==> flow/design.v <==
module add_core #(
    parameter int DATA_WIDTH = 32
) (
    input  logic i_clk,
    input  logic rst_i,
    input  logic [DATA_WIDTH-1:0] A,
    input  logic [DATA_WIDTH-1:0] B,
    output logic [DATA_WIDTH-1:0] q,
    output logic carry_out
);
    logic [DATA_WIDTH-1:0] A_d1;
    always_ff @(posedge i_clk) begin
        if (rst_i) begin
            A_d1 <= 0;
        end else begin
            A_d1 <= A;
        end
    end
    logic [DATA_WIDTH-1:0] B_d1;
    always_ff @(posedge i_clk) begin
        if (rst_i) begin
            B_d1 <= 0;
        end else begin
            B_d1 <= B;
        end
    end
    logic [DATA_WIDTH-1:0] g;
    logic [DATA_WIDTH-1:0] p;
    always_comb begin
        g = A_d1 & B_d1;
        p = A_d1 ^ B_d1;
        for (int k = 1; k < DATA_WIDTH; k = k * 2) begin
            g = g | (p & (g << k));
            p = p & (p << k);
        end
    end
    assign q = A_d1 ^ B_d1 ^ {g[DATA_WIDTH-2:0], 1'b0};
    assign carry_out = g[DATA_WIDTH-1];
endmodule
Reports on add_core

Tool output for the members of one design family, told apart by "DATA_WIDTH", in the order of the flow.
The file above is the member DATA_WIDTH 32. Line numbers count from 1 in each member's own file.
Library cell names are shortened.
Not given: --

Top module: add_core
Clock: i_clk
Cell library: sky130hd
Corner: tt_025C_1v80

Source of the members

Lines of each other member's file that are new or changed against the file above; lines that a member lacks are not shown.

New or changed lines:

| DATA_WIDTH | RTL line | text |
| 56         | 2        | `parameter int DATA_WIDTH = 56` |
| 80         | 2        | `parameter int DATA_WIDTH = 80` |
| 112        | 2        | `parameter int DATA_WIDTH = 112` |

After elaboration

Counts by Yosys on the flattened word-level netlist (proc, flatten, opt, wreduce; memories kept). Register bits leave out memories and registers merged into their read ports (data or address); mux counts leave out enables and synchronous resets folded into registers. Print and check cells are left out. Cells with the same type and inputs are merged into one.

Word-level totals:

| DATA_WIDTH | bits in registers | input bits | output and inout bits | word-level cells |
| 32         | 64                | 66         | 33                    | 19 |
| 56         | 112               | 114        | 57                    | 22 |
| 80         | 160               | 162        | 81                    | 25 |
| 112        | 224               | 226        | 113                   | 25 |

Operators by class:

| DATA_WIDTH | bitwise operators |
| 32         | 17 |
| 56         | 20 |
| 80         | 23 |
| 112        | 23 |

Operator list:

| DATA_WIDTH | kinds with counts |
| 32         | 10 x 32-bit bitwise AND; 5 x 32-bit OR; 2 x 32-bit bitwise XOR |
| 56         | 12 x 56-bit bitwise AND; 6 x 56-bit OR; 2 x 56-bit bitwise XOR |
| 80         | 14 x 80-bit bitwise AND; 7 x 80-bit OR; 2 x 80-bit bitwise XOR |
| 112        | 14 x 112-bit bitwise AND; 7 x 112-bit OR; 2 x 112-bit bitwise XOR |

Logic depth

Longest topological path by Yosys (ltp), each cell counted once; first at word level (registers and memories cut), then after technology mapping (sequential cells cut; the memories' decode and read muxes count).

Depth:

| DATA_WIDTH | depth in word-level cells | ABC_AREA | mapped depth | gate-level depth less buffers |
| 32         | 12                        | 0        | 10           | 10 |
| 56         | 14                        | 0        | 11           | 11 |
| 80         | 16                        | 0        | 13           | 13 |
| 112        | 16                        | 0        | 13           | 13 |

Mapped cells and area

The flow's flattened synthesis, as Yosys stat reports it; memories are mapped. The netlist is that of the ABC_AREA named above (0 if unset); the other value can give another one.
Totals and module areas in this step are rounded.

Synthesis totals:

| DATA_WIDTH | cells in the netlist | cell area after synthesis (µm²) | sequential area (µm²) | mapped flip-flops | buffer cells |
| 32         | 376                  | 3452                            | 1281                  | 64                | 13 |
| 56         | 781                  | 6618                            | 2242                  | 112               | 38 |
| 80         | 1094                 | 9266                            | 3203                  | 160               | 65 |
| 112        | 1541                 | 12940                           | 4484                  | 224               | 73 |

Cells by type:

| DATA_WIDTH | types with counts |
| 32         | 64 x dfxtp_1; 65 x nor2b_1; 32 x ha_1; 19 x xnor2_1; 30 x a21oi_1; 25 x nand2_1; 10 x xor2_1; 14 x o21ai_0; 8 x a21o_1; 13 x nor2_1; 7 x nand4_1; 10 x clkbuf_1; 10 x inv_1; 2 x a41oi_2; 5 x a31oi_1; 6 x nand3_1; 4 x o21a_1; 4 x and2_1; [+48] |
| 56         | 112 x dfxtp_1; 120 x nor2b_1; 56 x ha_1; 71 x a21oi_1; 26 x xnor2_1; 30 x a21o_1; 53 x nand2_1; 37 x o21ai_0; 18 x xor2_1; 41 x nor2_1; 37 x clkbuf_1; 19 x nand4_1; 15 x o21bai_1; 22 x inv_1; 10 x a211oi_1; 10 x and3_1; 12 x nand3_1; 8 x o21a_1; [+84] |
| 80         | 160 x dfxtp_1; 167 x nor2b_1; 80 x ha_1; 106 x a21oi_1; 44 x xnor2_1; 61 x o21ai_0; 31 x xor2_1; 35 x a21o_1; 68 x nand2_1; 33 x nand4_1; 51 x clkbuf_1; 51 x nor2_1; 21 x o21bai_1; 29 x inv_1; 14 x o211ai_1; 15 x a31oi_1; 13 x nand3_1; 8 x o21a_1; [+107] |
| 112        | 224 x dfxtp_1; 230 x nor2b_1; 112 x ha_1; 162 x a21oi_1; 66 x xnor2_1; 119 x nand2_1; 58 x a21o_1; 43 x xor2_1; 62 x o21ai_0; 39 x o21bai_1; 46 x nand4_1; 75 x nor2_1; 59 x clkbuf_1; 44 x inv_1; 23 x o21ai_1; 22 x nor3_1; 19 x nand3_1; 14 x buf_2; [+124] |

The mark [+n] counts cells that are not listed.

Timing after synthesis

OpenSTA on the mapped netlist: ideal clock, no wires. The path of least setup slack (recovery checks aside). Input and output delay are each 20% of the period. Register names are those of the netlist, which keeps one name where synthesis merged equal registers.

Path post-synthesis:

| DATA_WIDTH | path kind          | start             | end                | period (ns) | slack (ns) | driving pins on the path | delay of the path (ns) | period reached after synthesis (ns) |
| 32         | register to output | register A_d1[0]  | output port q[28]  | 3.32        | 0.530      | 11                       | 2.126                  | 2.79 |
| 56         | register to output | register A_d1[10] | output port q[37]  | 4.4         | 0.704      | 10                       | 2.816                  | 3.696 |
| 80         | register to output | register A_d1[0]  | output port q[42]  | 5.02        | 0.802      | 14                       | 3.214                  | 4.218 |
| 112        | register to output | register A_d1[0]  | output port q[106] | 4.93        | 0.789      | 14                       | 3.155                  | 4.141 |

"delay of the path" is the arrival time less input delay plus setup time.
A path that ends at an output port has no setup time.
"driving pins on the path": output pins that drive a net of the path, with the launching flip-flop's if there is one; two outputs of one cell count as two.
"period reached after synthesis" = period - worst setup slack (recovery checks aside). The figure is calculated, with input and output delays left at 20% of the set period.
The rows between start and end are the longest chain of elaborated cells between them; the timing report does not say that the signal goes this way. Where chains are equally long, one stands for them.
A line is the first line of the expression or statement that the cell stems from. Yosys adds cells for indexed reads and writes and turns some case tables into memories.

Between the ends, post-synthesis, DATA_WIDTH 32:
Cells in the longest elaborated chain: 11

Ends and longest elaborated chain, post-synthesis, DATA_WIDTH 32:

| what               | RTL line | text |
| from (decl)        | 11       | `logic [DATA_WIDTH-1:0] A_d1;` |
| from (assign)      | 14       | `A_d1 <= 0;` |
| from (assign)      | 16       | `A_d1 <= A;` |
| 32-bit bitwise AND | 30       | `g = A_d1 & B_d1;` |
| 32-bit bitwise AND | 33       | `g = g \| (p & (g << k));` |
| 32-bit OR          | 33       |  |
| 32-bit bitwise AND | 33       |  |
| 32-bit OR x2       | 33       |  |
| 32-bit bitwise AND | 33       |  |
| 32-bit OR          | 33       |  |
| 32-bit bitwise AND | 33       |  |
| 32-bit OR          | 33       |  |
| 32-bit bitwise XOR | 37       | `assign q = A_d1 ^ B_d1 ^ {g[DATA_WIDTH-2:0], 1'b0};` |
| to (decl)          | 8        | `output logic [DATA_WIDTH-1:0] q,` |

Between the ends, post-synthesis, DATA_WIDTH 112:
Cells in the longest elaborated chain: 13

Ends and longest elaborated chain, post-synthesis, DATA_WIDTH 112:

| what                | RTL line | text |
| from (decl)         | 11       | `logic [DATA_WIDTH-1:0] A_d1;` |
| from (assign)       | 14       | `A_d1 <= 0;` |
| from (assign)       | 16       | `A_d1 <= A;` |
| 112-bit bitwise AND | 30       | `g = A_d1 & B_d1;` |
| 112-bit bitwise AND | 33       | `g = g \| (p & (g << k));` |
| 112-bit OR x3       | 33       |  |
| 112-bit bitwise AND | 33       |  |
| 112-bit OR x2       | 33       |  |
| 112-bit bitwise AND | 33       |  |
| 112-bit OR          | 33       |  |
| 112-bit bitwise AND | 33       |  |
| 112-bit OR          | 33       |  |
| 112-bit bitwise XOR | 37       | `assign q = A_d1 ^ B_d1 ^ {g[DATA_WIDTH-2:0], 1'b0};` |
| to (decl)           | 8        | `output logic [DATA_WIDTH-1:0] q,` |

Timing after layout

From the final timing report of each member's run: the path of least setup slack in the routed layout; clock arrival at registers is part of the times.

Path post-layout:

| DATA_WIDTH | path kind          | start            | end               | period (ns) | slack (ns) | driving pins on the path | data arrival time (ns) | buffers on the path |
| 32         | register to output | register B_d1[0] | output port q[30] | 3.32        | -0.01      | 13                       | 2.67                   | 2 |
| 56         | register to output | register A_d1[4] | output port q[49] | 4.4         | 0.10       | 12                       | 3.42                   | 2 |
| 80         | register to output | register A_d1[0] | output port q[42] | 5.02        | 0.14       | 16                       | 3.88                   | 2 |
| 112        | register to output | register A_d1[0] | output port q[94] | 4.93        | -0.12      | 16                       | 4.06                   | 2 |

Measured runs

One run of the flow (Yosys, OpenROAD) for each member, with settings and measured results. Input and output delays are each 20% of the period that was set; the output load is 0.01 pF.

CAP_MARGIN: 20
CORE_MARGIN: 2
CORE_UTILIZATION: 40
SLEW_MARGIN: 20

Settings by member:

| DATA_WIDTH | period_ns |
| 32         | 3.32 |
| 56         | 4.4 |
| 80         | 5.02 |
| 112        | 4.93 |

Results:

| DATA_WIDTH | netlist area reported by Yosys (µm²) | full die area (µm²) | standard-cell area after layout (µm²) | worst setup slack after layout (ns) | post-route worst hold slack (ns) | achieved period (ns) |
| 32         | 3452                                 | 9390                | 5087                                  | -0.011                              | 0.828                            | 3.331 |
| 56         | 6618                                 | 17590               | 9135                                  | 0.102                               | 0.970                            | 4.298 |
| 80         | 9266                                 | 24400               | 12910                                 | 0.141                               | 1.077                            | 4.879 |
| 112        | 12940                                | 33800               | 18430                                 | -0.120                              | 0.997                            | 5.050 |

By "achieved period" is meant the clock period of the run minus its worst setup slack. This is arithmetic on one report: input and output delays are still those of the set period (20% each).
Measured values are rounded.
